==> flow/design.v <==
module u_mul_unit_rtl_add_row #(parameter N = 4) (
    input wire [N-1:0] a,
    input wire sel,
    input wire [N-1:0] pin,
    output wire [N:0] pout
);
    assign pout = pin + (a & {N{sel}});
endmodule
module u_mul_unit_rtl #(
    parameter DWIDTH = 22
) (
    input wire sys_clk,
    input wire [DWIDTH-1:0] u,
    input wire [DWIDTH-1:0] v,
    output reg [2*DWIDTH-1:0] p
);
    wire [DWIDTH:0] node [0:DWIDTH];
    wire [DWIDTH-1:0] lo;
    assign node[0] = 0;
    genvar i;
    generate
        for (i = 0; i < DWIDTH; i = i + 1) begin : slice
            u_mul_unit_rtl_add_row #(.N(DWIDTH)) i_sub (.a(u), .sel(v[i]), .pin(node[i][DWIDTH:1]), .pout(node[i+1]));
            assign lo[i] = node[i+1][0];
        end
    endgenerate
    always @(posedge sys_clk) begin
        p <= {node[DWIDTH][DWIDTH:1], lo};
    end
endmodule
From RTL to reports: u_mul_unit_rtl
The steps from the RTL of u_mul_unit_rtl to its reports follow in flow order.
Lines are those of the file above, counted from 1.
Operators carry their Yosys type and port widths (W data, S select, Z words).
Library cell names are shortened.
{ "setup": {"top": "u_mul_unit_rtl", "clock_port": "sys_clk", "library": "sky130hd", "pvt_corner": "tt_025C_1v80"} }

Word level
Counts by Yosys on the flattened word-level netlist (proc, flatten, opt, wreduce; memories kept). Register bits leave out memories and registers merged into their read ports (data or address); mux counts leave out enables and synchronous resets folded into registers. Print and check cells are left out. Cells with the same type and inputs are merged into one.
{ "word_totals": {"out_inout_bits": 44, "regBits": 44, "input_bits": 45, "word_cells": 44} }
{ "op_classes": {"n_logic": 22, "addsub": 21} }
{ "ops": {"columns": ["operator", "count"], "rows": [
  ["$and A22 B22 Y22", 22],
  ["$add A22 B23 Y23", 20],
  ["$add A21 B23 Y23", 1]
]} }

Longest topological paths
Depth = most cells in a row (Yosys ltp): at word level without a register or memory, in the mapped netlist without a sequential cell, where the memories' decode and read muxes count.
{ "logic_depth": {"word_depth": 22, "abc_area": 0, "depth_mapped": 129, "ltp_nobuf": 127} }

Synthesis result
The flow's flattened synthesis, as Yosys stat reports it; memories are mapped. The netlist is that of the ABC_AREA named above (0 if unset); the other value can give another one.
{ "types": {"columns": ["type", "count", "type_area_um2"], "rows": [
  ["ha_1", 461, 5.77E+03],
  ["and2_1", 472, 2.95E+03],
  ["xnor2_1", 290, 2.54E+03],
  ["a21oi_1", 347, 1.74E+03],
  ["a21o_1", 226, 1.7E+03],
  ["xor2_1", 108, 945.907],
  ["dfxtp_1", 44, 880.845],
  ["o21ai_0", 161, 805.773],
  ["nand2_1", 179, 671.894],
  ["nor2_1", 166, 623.098],
  ["inv_1", 164, 615.59],
  ["o21a_1", 59, 442.925],
  ["fa_1", 21, 420.403],
  ["clkbuf_1", 102, 382.867],
  ["o21bai_1", 43, 322.81],
  ["nor2b_1", 50, 312.8],
  ["nand3_1", 61, 305.293],
  ["nand2b_1", 42, 262.752]
]} }
Not listed: further types 56, cells in them 373.
{ "synth_totals": {"area_um2": 24481.0, "ffs": 44, "cell_count": 3369, "buffers": 103, "seqArea_um2": 880.8} }
The figures by module come from a second, unflattened synthesis with its own total; it is not the netlist above.
{ "unflattened": {"cells_unflattened": 3983, "hier_area_um2": 27640.3} }
Rows give one instance, submodules left out.
{ "modules": {"columns": ["module", "n_cells", "mod_area_um2", "instances", "mod_seq_area_um2"], "rows": [
  ["u_mul_unit_rtl_add_row #(N=22)", 179, 1216.2, 22, 0.0],
  ["u_mul_unit_rtl", 45, 884.6, 1, 880.8]
]} }

Timing after synthesis
OpenSTA on the mapped netlist: ideal clock, no wires. The path of least setup slack (recovery checks aside). Input and output delay are each 20% of the period. Register names are those of the netlist, which keeps one name where synthesis merged equal registers.
{ "synth_timing": {"path_type": "in2reg", "startpoint": "in u[1]", "endpoint": "reg p[43]", "t_required_ns": 33.986, "arrival_ns": 28.544, "input_delay_ns": 6.820, "setup_slack_ns": 5.442, "setup_ns": 0.114, "path_stages": 119, "period_ns": 34.1, "path_delay_ns": 21.838, "n_path_buf": 3, "t_first_pin_ns": 6.820, "synth_period_reached_ns": 28.658} }
"path_delay_ns" is the arrival time less input delay plus setup time.
"path_stages": output pins that drive a net of the path, with the launching flip-flop's if there is one; two outputs of one cell count as two.
"synth_period_reached_ns" is the clock period less the worst setup slack; recovery checks do not enter. This is arithmetic on one report: input and output delays are still those of the set period (20% each).
The rows between start and end are the longest chain of elaborated cells between them; the timing report does not say that the signal goes this way. Where chains are equally long, one stands for them.
Each line given opens the expression or statement behind the cell; cells for indexed reads and writes are added by Yosys, which also makes memories of some case tables.
{ "synth_via": {"cell_sequence": "clkbuf_1 nand2_1 inv_1 ha_1 a21o_1 a21oi_1 o21ai_1 a41oi_2 xnor2_1 ha_1 a2111oi_0 o21ai_0 a21oi_1 a21o_1 xnor2_1 ha_1 nand2_1 o21ai_0 [... 83 more ...] o31ai_1 a21oi_1 xnor2_1 ha_1 a21oi_1 o21ai_0 or4_1 nand2_1 xnor2_1 ha_1 and3_1 a211o_1 a21oi_2 xnor2_1 ha_1 and3_1 a221o_1 a21o_1", "elab_chain_len": 22, "cone_cells": 43, "cone_lines": 1, "classes_between": "21 x add/sub; 22 x logic"} }
{ "synth_rtl": {"columns": ["item", "line", "source"], "rows": [
  ["start, declared", 13, "input wire [DWIDTH-1:0] u,"],
  ["$and A22 B22 Y22", 7, "assign pout = pin + (a & {N{sel}});"],
  ["$add A21 B23 Y23", 7, null],
  ["$add A22 B23 Y23 x20", 7, null],
  ["end, assigned", 28, "p <= {node[DWIDTH][DWIDTH:1], lo};"],
  ["end, declared", 15, "output reg [2*DWIDTH-1:0] p"]
]} }

Timing after layout
Path of least setup slack in the final report of flow run B (OpenROAD, finished layout, wires in). Where an end is a register, its clock arrival counts in the times.
{ "layout_timing": {"path_type": "in2reg", "startpoint": "in u[6]", "endpoint": "reg p[43]", "path_stages": 117, "setup_ns": 0.10, "period_ns": 34.1, "t_first_pin_ns": 6.82, "arrival_ns": 32.35, "setup_slack_ns": 1.98, "t_required_ns": 34.34, "input_delay_ns": 6.82, "n_path_buf": 2} }
The rows between start and end are the longest chain of elaborated cells between them; the timing report does not say that the signal goes this way. Where chains are equally long, one stands for them.
{ "layout_via": {"cell_sequence": "dlymetal6s2s_1 buf_4 and2_1 ha_1 a2111oi_2 o21ai_1 a41oi_2 xnor2_1 ha_1 a2111oi_1 o21ai_0 a21oi_1 a21o_1 xnor2_1 ha_1 nand2_1 o21ai_0 or3_1 [... 81 more ...] nand2_1 o31ai_1 a21oi_1 xnor2_1 ha_1 a21oi_1 o21ai_0 or4_1 nand2_1 xnor2_1 ha_1 and3_1 a211oi_1 xnor2_1 ha_1 a21o_1 a221o_1 a21o_1", "elab_chain_len": 22, "cone_cells": 43, "cone_lines": 1, "classes_between": "21 x add/sub; 22 x logic"} }
{ "layout_rtl": {"columns": ["item", "line", "source"], "rows": [
  ["start, declared", 13, "input wire [DWIDTH-1:0] u,"],
  ["$and A22 B22 Y22", 7, "assign pout = pin + (a & {N{sel}});"],
  ["$add A21 B23 Y23", 7, null],
  ["$add A22 B23 Y23 x20", 7, null],
  ["end, assigned", 28, "p <= {node[DWIDTH][DWIDTH:1], lo};"],
  ["end, declared", 15, "output reg [2*DWIDTH-1:0] p"]
]} }

Data sheet: physical implementation of u_mul_unit_rtl

Module u_mul_unit_rtl, platform sky130hd: 3 stored runs of the flow (Yosys, OpenROAD) with differing settings, in no particular order. Input and output delays are each 20% of the period that was set; the output load is 0.01 pF.
"achieved clock period (ns)" = clock period - worst setup slack. The figure is calculated, with input and output delays left at 20% of the set period.
"worst setup path time (ns)" means the part of the period allowed to the worst setup path (the constraints hold back 20% at inputs and 20% at outputs) less its slack; where the path has registers, the arrival times of their clocks count too.

settings of flow run A
{
  "period_ns": 20.0,
  "CORE_UTILIZATION": 27,
  "SETUP_SLACK_MARGIN": 3.26,
  "PLACE_DENSITY": 0.77,
  "HOLD_SLACK_MARGIN": 0.23,
  "CORE_ASPECT_RATIO": 0.75,
  "CORE_MARGIN": 9,
  "CELL_PAD_IN_SITES_DETAIL_PLACEMENT": 1,
  "ABC_AREA": 1,
  "CTS_CLUSTER_SIZE": 22,
  "CTS_CLUSTER_DIAMETER": 384,
  "SLEW_MARGIN": 40,
  "MIN_ROUTING_LAYER": "met2",
  "MAX_ROUTING_LAYER": "met5",
  "CAP_MARGIN": 20
}
report of flow run A: did not finish, route, GRT-0116

settings of flow run B
{
  "period_ns": 34.1,
  "CAP_MARGIN": 20,
  "CORE_MARGIN": 2,
  "CORE_UTILIZATION": 40,
  "SLEW_MARGIN": 20
}
report of flow run B
yosys chip area after synthesis (um^2): 24481.0
finish__design__die__area: 63196.9
finish__design__instance__area__stdcell: 26320.2
finish__design__instance__utilization: 0.4353
finish__timing__setup__ws: 1.984
finish__timing__setup__tns: 0.000
finish__timing__hold__ws: 7.163
achieved clock period (ns): 32.116
worst setup path time (ns): 25.30
worst setup path kind: in2reg

settings of flow run C
{
  "period_ns": 37.0,
  "CORE_UTILIZATION": 15,
  "SETUP_SLACK_MARGIN": -1.85,
  "PLACE_DENSITY": 0.48,
  "CELL_PAD_IN_SITES_GLOBAL_PLACEMENT": 1,
  "CELL_PAD_IN_SITES_DETAIL_PLACEMENT": 0,
  "MAX_ROUTING_LAYER": "met4",
  "CAP_MARGIN": 20,
  "CORE_MARGIN": 2,
  "SLEW_MARGIN": 20
}
report of flow run C
yosys chip area after synthesis (um^2): 24481.0
finish__design__die__area: 166456.0
finish__design__instance__area__stdcell: 28080.7
finish__design__instance__utilization: 0.1729
finish__timing__setup__ws: 2.998
finish__timing__setup__tns: 0.000
finish__timing__hold__ws: 7.941
achieved clock period (ns): 34.002
worst setup path time (ns): 26.60
worst setup path kind: in2reg
